==> flow/design.v <==
module my_selector #(
    parameter int WIDTH = 20,
    parameter int LANES = 16
) (
    input  logic sys_clk,
    input  logic RST,
    input  logic [LANES*WIDTH-1:0] data_in,
    input  logic [LANES-1:0] addr_in,
    output logic [WIDTH-1:0] z_o_out
);
    logic [LANES*WIDTH-1:0] data_d1;
    logic [LANES-1:0] addr_d1;
    always_ff @(posedge sys_clk or posedge RST) begin
        if (RST) begin
            data_d1 <= '0;
            addr_d1 <= '0;
        end else begin
            data_d1 <= data_in;
            addr_d1 <= addr_in;
        end
    end
    logic [WIDTH-1:0] work;
    always_comb begin
        work = '0;
        for (int n = 0; n < LANES; n++)
            work = work | (data_d1[n*WIDTH +: WIDTH] & {WIDTH{addr_d1[n]}});
    end
    always_ff @(posedge sys_clk or posedge RST) begin
        if (RST) begin
            z_o_out <= '0;
        end else begin
            z_o_out <= work;
        end
    end
endmodule
## Reports on my_selector

Tool output for the design above, in the order of the flow.
Lines are those of the file above, counted from 1.
Operators carry their Yosys type and port widths (W data, S select, Z words).
Library cell names are shortened.
A cell with - has no value.

- Top module: my_selector
- Clock port: sys_clk
- Standard-cell library: sky130hd
- Corner: tt_025C_1v80

## Word-level counts

Yosys after proc, flatten, opt, wreduce and memory -nomap, before mapping. Enables and synchronous resets that opt folds into registers are not counted as muxes. Memory bits, and registers merged into a memory's read port (data or address), are not among the register bits. Print and check cells are not counted. Equal cells are merged and count once.

- Word-level cells: 34
- ROM bits: 0
- Input bits: 338
- Bits in writable memories: 0
- Latch bits: 0
- Memories kept: 0
- Output and inout port bits: 20
- Clocked read ports x word width: 0
- Bits in registers: 356

- Div/mod/pow operators: 0
- Multiply operators: 0
- Mux-type cells: 0
- Shift-type cells: 0
- Add/subtract/negate cells: 0
- Bitwise operators: 31
- Reduce/logical cells: 0
- Eq/ne operators: 0
- $lt $le $gt $ge: 0

Operator list:

| cell | count |
|---|---|
| $and A20 B20 Y20 | 16 |
| $or A20 B20 Y20 | 15 |

## Logic depth

Yosys ltp: most cells in a row. Word level: on the elaborated netlist, between registers, memories and ports. Mapped: between sequential cells and ports; inverters and the memories' decode and read muxes count.

- Word-level depth: 16
- ABC_AREA: 0
- Gate-level depth with buffers: 4

## Netlist

The flow's flattened synthesis, as Yosys stat reports it; memories are mapped. The netlist is that of the ABC_AREA named above (0 if unset); the other value can give another one.
Totals and module areas in this step are rounded.

Cell types:

| type | count | total area (um^2) |
|---|---|---|
| dfrtp_1 | 356 | 8.91E+03 |
| a22o_1 | 80 | 700.672 |
| a221oi_1 | 78 | 683.155 |
| buf_6 | 18 | 202.694 |
| nand4_1 | 20 | 125.12 |
| clkbuf_1 | 12 | 45.043 |
| a221oi_2 | 2 | 30.029 |
| buf_4 | 1 | 7.507 |
| buf_2 | 1 | 5.005 |
| inv_1 | 1 | 3.754 |

- Mapped cells: 569
- Sequential area: 8909 um^2
- Chip area (Yosys): 10710 um^2
- Buffers: 32
- Flip-flops: 356

## Timing after synthesis

Path of least setup slack by OpenSTA after synthesis, without wires, with an ideal clock, recovery checks aside; 20% of the period is set as input and as output delay. Where synthesis merged equal registers, the netlist keeps one of their names.

- Kind: register -> register
- Start point: reg addr_d1[4]
- End point: reg z_o_out[0]
- Data arrival time: 1.004 ns
- Slack: 0.286 ns
- Period: 1.43 ns
- Buffers on the path: 1
- Time at the first pin: 0.000 ns
- Delay of the path: 1.144 ns
- Required time: 1.290 ns
- Stages on the path: 5
- Synthesis period reached: 1.144 ns

"delay of the path" = arrival - input delay + setup time.
"stages on the path" counts driving pins, that of a launching flip-flop among them; a cell with two outputs on the path counts twice.
"synthesis period reached" = period - worst setup slack (recovery checks aside). The figure is calculated, with input and output delays left at 20% of the set period.
Between the ends stands the longest chain of elaborated cells between them, by number of cells; it is not shown to be the way that was timed. Of several equally long chains one is given.
A line is the first line of the expression or statement that the cell stems from. Yosys adds cells for indexed reads and writes and turns some case tables into memories.

- Cell sequence: dfrtp_1 buf_6 a22o_1 a221oi_1 nand4_1
- Length of the longest elaborated chain: 13

RTL lines, path after synthesis:

| item | RTL line | RTL |
|---|---|---|
| start: declaration | 12 | `logic [LANES-1:0] addr_d1;` |
| start: assignment | 16 | `addr_d1 <= '0;` |
| start: assignment | 19 | `addr_d1 <= addr_in;` |
| $and A20 B20 Y20 | 26 | `work = work \| (data_d1[n*WIDTH +: WIDTH] & {WIDTH{addr_d1[n]}});` |
| $or A20 B20 Y20 x12 | 26 |  |
| end: assignment | 30 | `z_o_out <= '0;` |
| end: assignment | 32 | `z_o_out <= work;` |
| end: declaration | 9 | `output logic [WIDTH-1:0] z_o_out` |

## Path in the finished layout

From the final timing report of run 1: the path of least setup slack in the routed layout; clock arrival at registers is part of the times.

- Kind: register -> register
- Start point: reg addr_d1[0]
- End point: reg z_o_out[8]
- Period: 1.43 ns
- Time at the first pin: 0.51 ns
- Slack: -0.02 ns
- Stages on the path: 6
- Data arrival time: 1.81 ns
- Buffers on the path: 2
- Required time: 1.79 ns

Between the ends stands the longest chain of elaborated cells between them, by number of cells; it is not shown to be the way that was timed. Of several equally long chains one is given.

- Cell sequence: dfrtp_2 buf_12 a22o_1 a221oi_4 buf_4 nand4_1
- Length of the longest elaborated chain: 16

RTL lines, path after layout:

| item | RTL line | RTL |
|---|---|---|
| start: declaration | 12 | `logic [LANES-1:0] addr_d1;` |
| start: assignment | 16 | `addr_d1 <= '0;` |
| start: assignment | 19 | `addr_d1 <= addr_in;` |
| $and A20 B20 Y20 | 26 | `work = work \| (data_d1[n*WIDTH +: WIDTH] & {WIDTH{addr_d1[n]}});` |
| $or A20 B20 Y20 x15 | 26 |  |
| end: assignment | 30 | `z_o_out <= '0;` |
| end: assignment | 32 | `z_o_out <= work;` |
| end: declaration | 9 | `output logic [WIDTH-1:0] z_o_out` |

==> runs of my_selector <==
Settings and measured results of 3 stored flow runs for module my_selector (sky130hd), not sorted in any way. The constraints put input and output delay at 20% of the set period each and load the outputs with 0.01 pF.
The results are shown rounded.

### Run 1

Settings: `period_ns=1.43`, `CAP_MARGIN=20`, `CORE_MARGIN=2`, `CORE_UTILIZATION=40`, `SLEW_MARGIN=20`

- Area inside the die boundary: 28100 um^2
- Worst setup slack after layout: -0.022 ns
- Final utilization: 64.7%
- Cell area after synthesis: 10710 um^2
- Total negative setup slack: -0.067 ns

### Run 2

Settings: `period_ns=1.37`, `CORE_UTILIZATION=44`, `SETUP_SLACK_MARGIN=-0.13`, `CORE_ASPECT_RATIO=1.22`, `CELL_PAD_IN_SITES_GLOBAL_PLACEMENT=2`, `GPL_TIMING_DRIVEN=0`, `GPL_ROUTABILITY_DRIVEN=0`, `CTS_CLUSTER_DIAMETER=349`, `CAP_MARGIN=30`, `SLEW_MARGIN=5`, `MIN_ROUTING_LAYER=met2`, `MAX_ROUTING_LAYER=met4`, `CORE_MARGIN=2`

- Worst setup slack after layout: -0.120 ns
- Total negative setup slack: -2.654 ns
- Final utilization: 67.9%
- Cell area after synthesis: 10710 um^2
- Area inside the die boundary: 25610 um^2

### Run 3

Settings: `period_ns=1.54`, `CORE_UTILIZATION=29`, `SETUP_SLACK_MARGIN=0.2`, `PLACE_DENSITY_LB_ADDON=0.17`, `ABC_AREA=0`, `CAP_MARGIN=25`, `CORE_MARGIN=2`, `SLEW_MARGIN=20`

- Area inside the die boundary: 38490 um^2
- Cell area after synthesis: 10710 um^2
- Final utilization: 47.0%
- Total negative setup slack: 0.000 ns
- Worst setup slack after layout: 0.127 ns
